==> flow/design.v <==
module sync_relation_stage #(
    parameter WIDTH = 48
) (
    input  logic clk,
    input  logic rst_n,
    input  logic [WIDTH-1:0] i_rs1,
    input  logic [WIDTH-1:0] i_rs2,
    output logic o_above,
    output logic o_a_eq_b
);
    logic [WIDTH-1:0] rs1_r;
    always_ff @(posedge clk or negedge rst_n) begin
        if (!rst_n) begin
            rs1_r <= 0;
        end else begin
            rs1_r <= i_rs1;
        end
    end
    logic [WIDTH-1:0] rs2_r;
    always_ff @(posedge clk or negedge rst_n) begin
        if (!rst_n) begin
            rs2_r <= 0;
        end else begin
            rs2_r <= i_rs2;
        end
    end
    localparam NBLK = WIDTH / 4;
    logic [NBLK:0] g;
    logic [NBLK:0] e;
    assign g[0] = 1'b0;
    assign e[0] = 1'b1;
    for (genvar gi = 0; gi < NBLK; gi++) begin : lane
        cmp4 unit (.a(rs1_r[4*gi +: 4]), .b(rs2_r[4*gi +: 4]), .gi(g[gi]), .ei(e[gi]), .go(g[gi+1]), .eo(e[gi+1]));
    end
    always_ff @(posedge clk or negedge rst_n) begin
        if (!rst_n) begin
            o_above <= 1'b0;
        end else begin
            o_above <= g[NBLK];
        end
    end
    always_ff @(posedge clk or negedge rst_n) begin
        if (!rst_n) begin
            o_a_eq_b <= 1'b0;
        end else begin
            o_a_eq_b <= e[NBLK];
        end
    end
endmodule
module cmp4 (
    input logic [3:0] a,
    input logic [3:0] b,
    input logic gi,
    input logic ei,
    output logic go,
    output logic eo
);
    assign go = (a > b) | ((a == b) & gi);
    assign eo = (a == b) & ei;
endmodule
Tool chain data of sync_relation_stage
What the tools print for sync_relation_stage, step after step.
Lines are those of the file above, counted from 1.
Operators: Yosys type, input widths -> output width; for muxes data width and select width s.
Library cell names are shortened.
A cell with -- has no value.

set-up
  design top = sync_relation_stage
  clock = clk
  cell library = sky130hd
  corner = tt_025C_1v80

Word level
Counts by Yosys on the flattened word-level netlist (proc, flatten, opt, wreduce; memories kept). Register bits leave out memories and registers merged into their read ports (data or address); mux counts leave out enables and synchronous resets folded into registers. Print and check cells are left out. Cells with the same type and inputs are merged into one.

word-level totals
  bits in registers = 98
  input port bits = 98
  word-level cells = 61

cells by class
  $lt $le $gt $ge = 12
  equal/unequal tests = 12
  bitwise gates (word level) = 33

operator list
  operator     number
  $gt 4x4->1   12
  $eq 4x4->1   12
  $and 1x1->1  22
  $or 1x1->1   11

Depth
Yosys ltp: most cells in a row. Word level: on the elaborated netlist, between registers, memories and ports. Mapped: between sequential cells and ports; inverters and the memories' decode and read muxes count.

depth
  word-level depth = 23
  ABC_AREA = 1
  gate-level depth with buffers = 21

Mapped cells and area
Yosys stat after the flow's synthesis: flattened, memories mapped to cells. It holds for the ABC_AREA given above (unset counts as 0); a run with the other value may have another netlist.

cells by type
  cell type  number  total area (um^2)
  dfrtp_1    98      2.45E+03
  ha_1       48      600.576
  inv_1      66      247.738
  nand2_1    40      150.144
  a21oi_1    17      85.082
  nand3_1    9       45.043
  nor2_1     10      37.536
  nand4_1    4       25.024
  o211ai_1   3       22.522
  a21oi_2    2       17.517
  o21ai_0    3       15.014
  a31oi_1    2       12.512
  nand4_2    1       12.512
  nor4_1     2       12.512
  o2111ai_1  1       8.758
  a211oi_1   1       7.507
  a21o_1     1       7.507
  o21bai_1   1       7.507

Not listed: further types 5, cells in them 5.

synthesis totals
  cells in the netlist = 314
  chip area (Yosys) = 3793.6 um^2
  sequential part of the area = 2452.4 um^2
  flip-flops = 98

Worst setup path after synthesis
Path of least setup slack by OpenSTA after synthesis, without wires, with an ideal clock, recovery checks aside; 20% of the period is set as input and as output delay. Where synthesis merged equal registers, the netlist keeps one of their names.

timing path post-synthesis
  path kind = register to register
  from = register rs1_r[3]
  to = register o_above
  period = 2.09 ns
  library setup time = 0.116 ns
  launch time at the first pin = 0.000 ns
  arrival = 1.488 ns
  setup slack = 0.485 ns
  delay of the path = 1.604 ns
  driving pins on the path = 19
  synthesis period reached = 1.605 ns

"delay of the path" is the arrival time less input delay plus setup time.
"driving pins on the path": output pins that drive a net of the path, with the launching flip-flop's if there is one; two outputs of one cell count as two.
"synthesis period reached" is the clock period less the worst setup slack; recovery checks do not enter. This is arithmetic on one report: input and output delays are still those of the set period (20% each).
Between the ends stands the longest chain of elaborated cells between them, by number of cells; it is not shown to be the way that was timed. Of several equally long chains one is given.
A line is the first line of the expression or statement that the cell stems from. Yosys adds cells for indexed reads and writes and turns some case tables into memories.

on the way, post-synthesis
  path through = dfrtp_1 ha_1 nand2_1 nor2_1 nor2_1 nand2_1 nand3_1 nand2_1 nand2_1 nand2_1 nand2_1 nand2_1 nand2_1 nand2_1 nand2_1 nand2_1 nand2_1 nand2_1 nand2_1
  cells in the longest elaborated chain = 23

ends and longest elaborated chain, post-synthesis
  what           line  source
  from (decl)    11    logic [WIDTH-1:0] rs1_r;
  from (assign)  14    rs1_r <= 0;
  from (assign)  16    rs1_r <= i_rs1;
  $gt 4x4->1     58    assign go = (a > b) | ((a == b) & gi);
  $and 1x1->1    58
  $or 1x1->1     58
  $and 1x1->1    58
  $or 1x1->1     58
  $and 1x1->1    58
  $or 1x1->1     58
  (+9 left out)  --
  $or 1x1->1     58
  $and 1x1->1    58
  $or 1x1->1     58
  $and 1x1->1    58
  $or 1x1->1     58
  $and 1x1->1    58
  $or 1x1->1     58
  to (assign)    37    o_above <= 1'b0;
  to (assign)    39    o_above <= g[NBLK];
  to (decl)      8     output logic o_above,

Worst path after layout
Path of least setup slack in the final report of run 1 (OpenROAD, finished layout, wires in). Where an end is a register, its clock arrival counts in the times.

timing path after layout
  path kind = register to register
  from = register rs1_r[3]
  to = register o_above
  period = 1.22 ns
  library setup time = 0.10 ns
  launch time at the first pin = 0.36 ns
  arrival = 2.01 ns
  setup slack = -0.53 ns
  driving pins on the path = 19

Between the ends stands the longest chain of elaborated cells between them, by number of cells; it is not shown to be the way that was timed. Of several equally long chains one is given.

on the way, after layout
  path through = dfrtp_1 ha_4 nand2_4 nor2_4 nor2_1 nand2_1 nand3_2 nand2_1 nand2_1 nand2_1 nand2_1 nand2_1 nand2_1 nand2_1 nand2_1 nand2_1 nand2_1 nand2_1 nand2_1
  cells in the longest elaborated chain = 23

ends and longest elaborated chain, after layout
  what           line  source
  from (decl)    11    logic [WIDTH-1:0] rs1_r;
  from (assign)  14    rs1_r <= 0;
  from (assign)  16    rs1_r <= i_rs1;
  $gt 4x4->1     58    assign go = (a > b) | ((a == b) & gi);
  $and 1x1->1    58
  $or 1x1->1     58
  $and 1x1->1    58
  $or 1x1->1     58
  $and 1x1->1    58
  $or 1x1->1     58
  (+9 left out)  --
  $or 1x1->1     58
  $and 1x1->1    58
  $or 1x1->1     58
  $and 1x1->1    58
  $or 1x1->1     58
  $and 1x1->1    58
  $or 1x1->1     58
  to (assign)    37    o_above <= 1'b0;
  to (assign)    39    o_above <= g[NBLK];
  to (decl)      8     output logic o_above,

Below are 3 stored runs of the flow (Yosys, OpenROAD; platform sky130hd) on sync_relation_stage, each with its settings and what was measured, unordered. Constraints: input delay and output delay 20% of the set period each, output load 0.01 pF.
"achieved clock period (ns)" is the run's clock period less its worst setup slack. It is reckoned from that one timing run; input and output delays stay at 20% of the period that was set.
"worst setup path time (ns)" means the part of the period allowed to the worst setup path (the constraints hold back 20% at inputs and 20% at outputs) less its slack; where the path has registers, the arrival times of their clocks count too.
By "finish__power__total" is meant OpenSTA's value without simulated activity: inputs other than the clock are taken to toggle once in ten clock periods, and the tool carries that through the logic.

settings of run 1
{
  "period_ns": 1.22,
  "CORE_UTILIZATION": 43,
  "PLACE_DENSITY": 0.81,
  "CORE_MARGIN": 6,
  "CELL_PAD_IN_SITES_GLOBAL_PLACEMENT": 2,
  "TNS_END_PERCENT": 80,
  "ABC_AREA": 1,
  "GPL_TIMING_DRIVEN": 1,
  "CTS_CLUSTER_DIAMETER": 363,
  "CAP_MARGIN": 15,
  "SLEW_MARGIN": 5
}
report of run 1
yosys chip area after synthesis (um^2): 3793.6
finish__design__die__area: 11220.1
finish__design__instance__area__stdcell: 5465.2
finish__design__instance__utilization: 0.6520
finish__timing__setup__ws: -0.533
finish__timing__setup__tns: -0.835
finish__timing__hold__ws: 0.297
finish__power__total: 6.323e-03
achieved clock period (ns): 1.753
worst setup path time (ns): 1.75
worst setup path kind: register to register

settings of run 2
{
  "period_ns": 2.74,
  "CORE_UTILIZATION": 37,
  "PLACE_DENSITY_LB_ADDON": 0.11,
  "TNS_END_PERCENT": 35,
  "GPL_ROUTABILITY_DRIVEN": 1,
  "CTS_CLUSTER_SIZE": 44,
  "CTS_CLUSTER_DIAMETER": 326,
  "SLEW_MARGIN": 15,
  "MIN_ROUTING_LAYER": "met2",
  "CAP_MARGIN": 20,
  "CORE_MARGIN": 2
}
report of run 2
yosys chip area after synthesis (um^2): 3743.6
finish__design__die__area: 10938.0
finish__design__instance__area__stdcell: 5166.2
finish__design__instance__utilization: 0.5261
finish__timing__setup__ws: 0.813
finish__timing__setup__tns: 0.000
finish__timing__hold__ws: 0.176
finish__power__total: 2.983e-03
achieved clock period (ns): 1.927
worst setup path time (ns): 1.93
worst setup path kind: register to register

settings of run 3
{
  "period_ns": 2.09,
  "CAP_MARGIN": 20,
  "CORE_MARGIN": 2,
  "CORE_UTILIZATION": 40,
  "SLEW_MARGIN": 20
}
report of run 3
yosys chip area after synthesis (um^2): 3743.6
finish__design__die__area: 10148.5
finish__design__instance__area__stdcell: 5116.2
finish__design__instance__utilization: 0.5590
finish__timing__setup__ws: 0.234
finish__timing__setup__tns: 0.000
finish__timing__hold__ws: 0.024
finish__power__total: 3.722e-03
achieved clock period (ns): 1.856
worst setup path time (ns): 1.86
worst setup path kind: register to register
